==> flow/design.v <==
module gen_mplex #(
    parameter integer DWIDTH = 2,
    parameter integer INPUTS = 8
) (
    input  i_clk,
    input  [INPUTS*DWIDTH-1:0] bus_in,
    input  [INPUTS-1:0] s_in,
    output [DWIDTH-1:0] out_out
);
    reg [INPUTS*DWIDTH-1:0] bus_q;
    reg [INPUTS-1:0] s_q;
    always @(posedge i_clk) begin
        bus_q <= bus_in;
        s_q <= s_in;
    end
    reg [DWIDTH-1:0] val;
    integer n;
    always @(*) begin
        val = 0;
        for (n = 0; n < INPUTS; n = n + 1)
            val = val | (bus_q[n*DWIDTH +: DWIDTH] & {DWIDTH{s_q[n]}});
    end
    assign out_out = val;
endmodule
Reports on gen_mplex
The steps from the RTL of gen_mplex to its reports follow in flow order.
Line numbers count from 1 in the design file above.
Library cell names are shortened.
The mark -- stands for no value.

design
  design top = gen_mplex
  clock port = i_clk
  cell library = sky130hd
  timing corner = tt_025C_1v80

Word-level counts
Counts by Yosys on the flattened word-level netlist (proc, flatten, opt, wreduce; memories kept). Register bits leave out memories and registers merged into their read ports (data or address); mux counts leave out enables and synchronous resets folded into registers. Print and check cells are left out. Cells with the same type and inputs are merged into one.

bit counts
  register bits after elaboration = 24
  latch bits = 0
  bits in writable memories = 0
  memory bits (read-only) = 0
  clocked read ports x word width = 0
  memories = 0
  input bits = 25
  word-level cells = 17

operators by class
  add/subtract/negate cells = 0
  multiply operators = 0
  divide/modulo/power cells = 0
  order comparisons = 0
  equal/unequal tests = 0
  shift operators = 0
  muxes and demuxes = 0
  bitwise logic cells = 15
  reductions and logical operators = 0

operator list
  kind              count
  2-bit AND         8
  2-bit bitwise OR  7

Longest topological paths
Yosys ltp: most cells in a row. Word level: on the elaborated netlist, between registers, memories and ports. Mapped: between sequential cells and ports; inverters and the memories' decode and read muxes count.

depth
  word-level depth = 8
  ABC_AREA = 0
  depth in mapped cells = 2
  mapped depth without buffers = 2

Mapped cells and area
The flow's flattened synthesis, as Yosys stat reports it; memories are mapped. The netlist is that of the ABC_AREA named above (0 if unset); the other value can give another one.
Totals and module areas in this step are rounded.

mapped netlist
  standard cells after synthesis = 34
  synthesis area = 553 um2
  flip-flop cells = 24
  buffers = 0

cells by type
  type     count
  dfxtp_1  24
  a22oi_1  8
  nand4_1  2

Timing after synthesis
OpenSTA on the mapped netlist: ideal clock, no wires. The path of least setup slack (recovery checks aside). Input and output delay are each 20% of the period. Register names are those of the netlist, which keeps one name where synthesis merged equal registers.

timing path after synthesis
  path type = register to output
  start point = reg s_q[0]
  end point = out out_out[1]
  clock period = 0.961 ns
  external output delay = 0.192 ns
  launch time at the first pin = 0.000 ns
  arrival = 0.615 ns
  required time = 0.769 ns
  slack = 0.153 ns
  path delay = 0.615 ns
  stages on the path = 3
  path buffers = 0
  synthesis period reached = 0.808 ns

"path delay" = arrival - input delay + setup time.
At an output port there is no setup time.
"stages on the path": output pins that drive a net of the path, with the launching flip-flop's if there is one; two outputs of one cell count as two.
"synthesis period reached" = period - worst setup slack (recovery checks aside). The figure is calculated, with input and output delays left at 20% of the set period.
The rows between start and end are the longest chain of elaborated cells between them; the timing report does not say that the signal goes this way. Where chains are equally long, one stands for them.
Each line given opens the expression or statement behind the cell; cells for indexed reads and writes are added by Yosys, which also makes memories of some case tables.

on the way, after synthesis
  cell sequence = dfxtp_1 a22oi_1 nand4_1
  length of the longest elaborated chain = 8

ends and longest elaborated chain, after synthesis
  element                        line  text
  from (decl)                    11    reg [INPUTS-1:0] s_q;
  from (assign)                  14    s_q <= s_in;
  2-bit AND                      21    val = val | (bus_q[n*DWIDTH +: DWIDTH] & {DWIDTH{s_q[n]}});
  2-bit bitwise OR (7 in a row)  21
  to (decl)                      8     output [DWIDTH-1:0] out_out

Worst path after layout
Path of least setup slack in the final report of stored run 1 (OpenROAD, finished layout, wires in). Where an end is a register, its clock arrival counts in the times.

timing path after layout
  path type = register to output
  start point = reg s_q[4]
  end point = out out_out[0]
  clock period = 0.961 ns
  external output delay = 0.19 ns
  launch time at the first pin = 0.30 ns
  arrival = 1.09 ns
  required time = 0.77 ns
  slack = -0.32 ns
  stages on the path = 4
  path buffers = 1

The rows between start and end are the longest chain of elaborated cells between them; the timing report does not say that the signal goes this way. Where chains are equally long, one stands for them.

on the way, after layout
  cell sequence = dfxtp_2 a22oi_2 nand4_1 buf_2
  length of the longest elaborated chain = 5

ends and longest elaborated chain, after layout
  element                        line  text
  from (decl)                    11    reg [INPUTS-1:0] s_q;
  from (assign)                  14    s_q <= s_in;
  2-bit AND                      21    val = val | (bus_q[n*DWIDTH +: DWIDTH] & {DWIDTH{s_q[n]}});
  2-bit bitwise OR (4 in a row)  21
  to (decl)                      8     output [DWIDTH-1:0] out_out

Memo
Re: implementation data of gen_mplex

3 stored runs of gen_mplex in the flow (synthesis by Yosys, layout by OpenROAD, sky130hd cells), in arbitrary order. Constraints: input delay and output delay 20% of the set period each, output load 0.01 pF.
"achieved period": clock period set for the run, less the worst setup slack. It is reckoned from that one timing run; input and output delays stay at 20% of the period that was set.
By "time used up by the worst setup path" is meant the share of the clock period that the worst setup path is allowed (20% is reserved at inputs, 20% at outputs), minus its slack. Clock arrival times at its registers enter into it.
"power consumption": no workload was simulated; the value follows from the tool's default switching activity.
Results are given in rounded form.
Settings: -- = not set for that run.

item                                                     stored run 1        stored run 2        stored run 3
period_ns                                                0.961               0.962               0.666
CAP_MARGIN                                               20                  5                   20
CORE_MARGIN                                              2                   7                   5
CORE_UTILIZATION                                         40                  33                  28
SLEW_MARGIN                                              20                  35                  25
CELL_PAD_IN_SITES_DETAIL_PLACEMENT                       --                  0                   2
GPL_TIMING_DRIVEN                                        --                  0                   --
GPL_ROUTABILITY_DRIVEN                                   --                  0                   --
CTS_CLUSTER_SIZE                                         --                  14                  --
CTS_CLUSTER_DIAMETER                                     --                  35                  --
SETUP_SLACK_MARGIN                                       --                  --                  -0.03
PLACE_DENSITY_LB_ADDON                                   --                  --                  0.13
power consumption (mW)                                   1.71                1.70                2.49
time used up by the worst setup path (ns)                1.09                1.09                1.10
worst setup path kind                                    register to output  register to output  register to output
final design utilization (%)                             69.4                58.3                46.9
netlist area reported by Yosys (um2)                     553                 553                 553
lowest setup slack (ns)                                  -0.322              -0.317              -0.569
area of the standard cells in the finished layout (um2)  903                 898                 901
total die area (um2)                                     1700                3020                2960
achieved period (ns)                                     1.283               1.279               1.235
